==> flow/design.v <==
module gen_diff_unit (clk, reset, i_x, i_y, o_q, o_diff);
    parameter XLEN = 32;
    input clk;
    input reset;
    input [XLEN-1:0] i_x;
    input [XLEN-1:0] i_y;
    output [XLEN:0] o_q;
    output [XLEN:0] o_diff;
    reg [XLEN-1:0] x_reg;
    reg [XLEN-1:0] y_reg;
    always @(posedge clk) begin
        if (reset) begin
            x_reg <= 0;
            y_reg <= 0;
        end else begin
            x_reg <= i_x;
            y_reg <= i_y;
        end
    end
    assign o_q = x_reg + y_reg;
    assign o_diff = x_reg - y_reg;
endmodule
Step by step through the tools: gen_diff_unit

The steps from the RTL of gen_diff_unit to its reports follow in flow order.
Lines are those of the file above, counted from 1.
Operators carry their Yosys type and port widths (W data, S select, Z words).
A cell with n/a has no value.

Top: gen_diff_unit
Clock: clk
Standard-cell library: sky130hd
Timing corner: tt_025C_1v80

After elaboration

Source: Yosys, flattened and elaborated, memories not mapped. Widths are those after wreduce; folded enables and synchronous resets count as part of the registers. Registers that Yosys merges into a memory's read port (data or address) are not register bits. Print and check cells do not count. Equal cells are merged and count once.

Add/sub/neg operators: 2

Operators by type and width:

| kind             | number |
| $add A32 B32 Y33 | 1 |
| $sub A32 B32 Y33 | 1 |

Bits in registers: 64
Input port bits: 66
Output and inout port bits: 66
Cells after elaboration: 4

Depth

Longest topological path by Yosys (ltp), each cell counted once; first at word level (registers and memories cut), then after technology mapping (sequential cells cut; the memories' decode and read muxes count).

Depth in word-level cells: 1
ABC_AREA: 0
Depth in mapped cells: 12
Mapped depth without buffers: 12

Synthesis result

Source: synth_stat.txt of the flow (Yosys; design flattened, memories mapped). It holds for the ABC_AREA given above (unset counts as 0); a run with the other value may have another netlist.

Cell count: 660
Synthesis area: 5210.0 um^2
Mapped flip-flops: 64

Cells by type:

| cell                      | number | area in all (um^2) |
| sky130_fd_sc_hd__dfxtp_1  | 64     | 1.28E+03 |
| sky130_fd_sc_hd__ha_1     | 64     | 800.768 |
| sky130_fd_sc_hd__nor2b_1  | 75     | 469.2 |
| sky130_fd_sc_hd__xnor2_1  | 47     | 411.645 |
| sky130_fd_sc_hd__a21oi_1  | 60     | 300.288 |
| sky130_fd_sc_hd__nor2_1   | 63     | 236.477 |
| sky130_fd_sc_hd__inv_1    | 61     | 228.97 |
| sky130_fd_sc_hd__a21o_1   | 17     | 127.622 |
| sky130_fd_sc_hd__nand2_1  | 27     | 101.347 |
| sky130_fd_sc_hd__clkbuf_1 | 26     | 97.594 |
| sky130_fd_sc_hd__o21bai_1 | 12     | 90.086 |
| sky130_fd_sc_hd__xor2_1   | 8      | 70.067 |
| sky130_fd_sc_hd__nand2b_1 | 10     | 62.56 |
| sky130_fd_sc_hd__o21ai_0  | 12     | 60.058 |
| sky130_fd_sc_hd__o21ai_1  | 10     | 50.048 |
| sky130_fd_sc_hd__a211oi_1 | 6      | 45.043 |
| sky130_fd_sc_hd__nor3_1   | 9      | 45.043 |
| sky130_fd_sc_hd__o31ai_1  | 6      | 45.043 |

Other cell types: 41; their cells: 83.

Path before layout

Source: OpenSTA report_checks on the synthesized netlist (no wires, ideal clock, input and output delay 20% of the period each), path of least setup slack; recovery checks are left aside. Register names are those of the netlist, which keeps one name where synthesis merged equal registers.

Path type: reg2out
Start point: register y_reg[4]
End point: output o_diff[29]
Period: 4.15 ns
External output delay: 0.830 ns
Arrival: 2.654 ns
Required time: 3.320 ns
Setup slack: 0.666 ns
Path delay: 2.654 ns
Stages on the path: 11
Path buffers: 0
Synthesis period reached: 3.484 ns

"path delay" = arrival - input delay + setup time.
A path that ends at an output port has no setup time.
"stages on the path" counts driving pins, that of a launching flip-flop among them; a cell with two outputs on the path counts twice.
"synthesis period reached" is the clock period less the worst setup slack; recovery checks do not enter. This is arithmetic on one report: input and output delays are still those of the set period (20% each).
The rows between start and end are the longest chain of elaborated cells between them; the timing report does not say that the signal goes this way. Where chains are equally long, one stands for them.
A line is the first line of the expression or statement that the cell stems from. Yosys adds cells for indexed reads and writes and turns some case tables into memories.

Cells stage by stage: sky130_fd_sc_hd__dfxtp_1 -> sky130_fd_sc_hd__inv_1 -> sky130_fd_sc_hd__ha_1 -> sky130_fd_sc_hd__a21o_1 -> sky130_fd_sc_hd__or3_1 -> sky130_fd_sc_hd__o221a_4 -> sky130_fd_sc_hd__a311oi_2 -> sky130_fd_sc_hd__o2bb2ai_2 -> sky130_fd_sc_hd__o41ai_4 -> sky130_fd_sc_hd__nor2_1 -> sky130_fd_sc_hd__a311oi_1
Cells in the longest elaborated chain: 1
Elaborated cells on any way between the ends: 1
Source lines of those cells: 1

Ends and longest elaborated chain, post-synthesis:

| what             | line | RTL |
| start, declared  | 10   | `reg [XLEN-1:0] y_reg;` |
| start, assigned  | 14   | `y_reg <= 0;` |
| start, assigned  | 17   | `y_reg <= i_y;` |
| $sub A32 B32 Y33 | 21   | `assign o_diff = x_reg - y_reg;` |
| end, declared    | 8    | `output [XLEN:0] o_diff;` |

Worst path after layout

Path of least setup slack in the final report of run 1 (OpenROAD, finished layout, wires in). Where an end is a register, its clock arrival counts in the times.

Path type: reg2out
Start point: register y_reg[0]
End point: output o_diff[26]
Period: 2.42 ns
External output delay: 0.48 ns
Arrival: 3.10 ns
Required time: 1.94 ns
Setup slack: -1.17 ns
Stages on the path: 15
Path buffers: 3

The rows between start and end are the longest chain of elaborated cells between them; the timing report does not say that the signal goes this way. Where chains are equally long, one stands for them.

Cells stage by stage: sky130_fd_sc_hd__dfxtp_2 -> sky130_fd_sc_hd__buf_6 -> sky130_fd_sc_hd__ha_4 -> sky130_fd_sc_hd__fa_2 -> sky130_fd_sc_hd__nor2b_4 -> sky130_fd_sc_hd__o21ai_2 -> sky130_fd_sc_hd__a211o_1 -> sky130_fd_sc_hd__a31oi_4 -> sky130_fd_sc_hd__a21oi_2 -> sky130_fd_sc_hd__nor4_2 -> sky130_fd_sc_hd__buf_4 -> sky130_fd_sc_hd__nor4_1 -> sky130_fd_sc_hd__nor2_1 -> sky130_fd_sc_hd__xnor2_1 -> sky130_fd_sc_hd__buf_2
Cells in the longest elaborated chain: 1
Elaborated cells on any way between the ends: 1
Source lines of those cells: 1

Ends and longest elaborated chain, after layout:

| what             | line | RTL |
| start, declared  | 10   | `reg [XLEN-1:0] y_reg;` |
| start, assigned  | 14   | `y_reg <= 0;` |
| start, assigned  | 17   | `y_reg <= i_y;` |
| $sub A32 B32 Y33 | 21   | `assign o_diff = x_reg - y_reg;` |
| end, declared    | 8    | `output [XLEN:0] o_diff;` |

Appendix: measured runs

Record of 3 stored runs of the RTL-to-layout flow on gen_diff_unit, platform sky130hd. The runs are unordered. Constraints: input delay and output delay 20% of the set period each, output load 0.01 pF.
"period reached": clock period set for the run, less the worst setup slack. It is reckoned from that one timing run; input and output delays stay at 20% of the period that was set.
By "worst path time" is meant the share of the clock period that the worst setup path is allowed (20% is reserved at inputs, 20% at outputs), minus its slack. Clock arrival times at its registers enter into it.
"total power of the final layout": no workload was simulated; the value follows from the tool's default switching activity.
Settings: n/a = not set for that run.

| item                                   | run 1   | run 2    | run 3   |
| period_ns                              | 2.42    | 2.33     | 4.15    |
| CORE_UTILIZATION                       | 39      | 16       | 40      |
| PLACE_DENSITY_LB_ADDON                 | 0.02    | 0.14     | n/a     |
| HOLD_SLACK_MARGIN                      | -0.09   | 0.23     | n/a     |
| CORE_MARGIN                            | 4       | 2        | 2       |
| CELL_PAD_IN_SITES_GLOBAL_PLACEMENT     | 0       | 1        | n/a     |
| TNS_END_PERCENT                        | 55      | 85       | n/a     |
| ABC_AREA                               | 0       | n/a      | n/a     |
| GPL_TIMING_DRIVEN                      | 1       | 1        | n/a     |
| GPL_ROUTABILITY_DRIVEN                 | 1       | 0        | n/a     |
| CTS_CLUSTER_DIAMETER                   | 181     | n/a      | n/a     |
| CAP_MARGIN                             | 40      | 20       | 20      |
| MAX_ROUTING_LAYER                      | met4    | met5     | n/a     |
| SLEW_MARGIN                            | 20      | 20       | 20      |
| CORE_ASPECT_RATIO                      | n/a     | 1.74     | n/a     |
| cell area after synthesis (um^2)       | 5210.0  | 5210.0   | 5210.0  |
| area inside the die boundary (um^2)    | 15272.0 | 34077.8  | 13953.5 |
| standard-cell area after layout (um^2) | 9454.1  | 10261.1  | 7417.1  |
| post-route utilization                 | 0.737   | 0.318    | 0.585   |
| setup slack of the critical path (ns)  | -1.165  | -1.342   | 0.028   |
| setup TNS (ns)                         | -43.933 | -51.977  | 0.000   |
| smallest hold slack (ns)               | 0.647   | 0.565    | 0.989   |
| total power of the final layout (W)    | 0.00469 | 0.005227 | 0.00246 |
| period reached (ns)                    | 3.585   | 3.672    | 4.122   |
| worst path time (ns)                   | 3.10    | 3.21     | 3.29    |
| class of the worst setup path          | reg2out | reg2out  | reg2out |
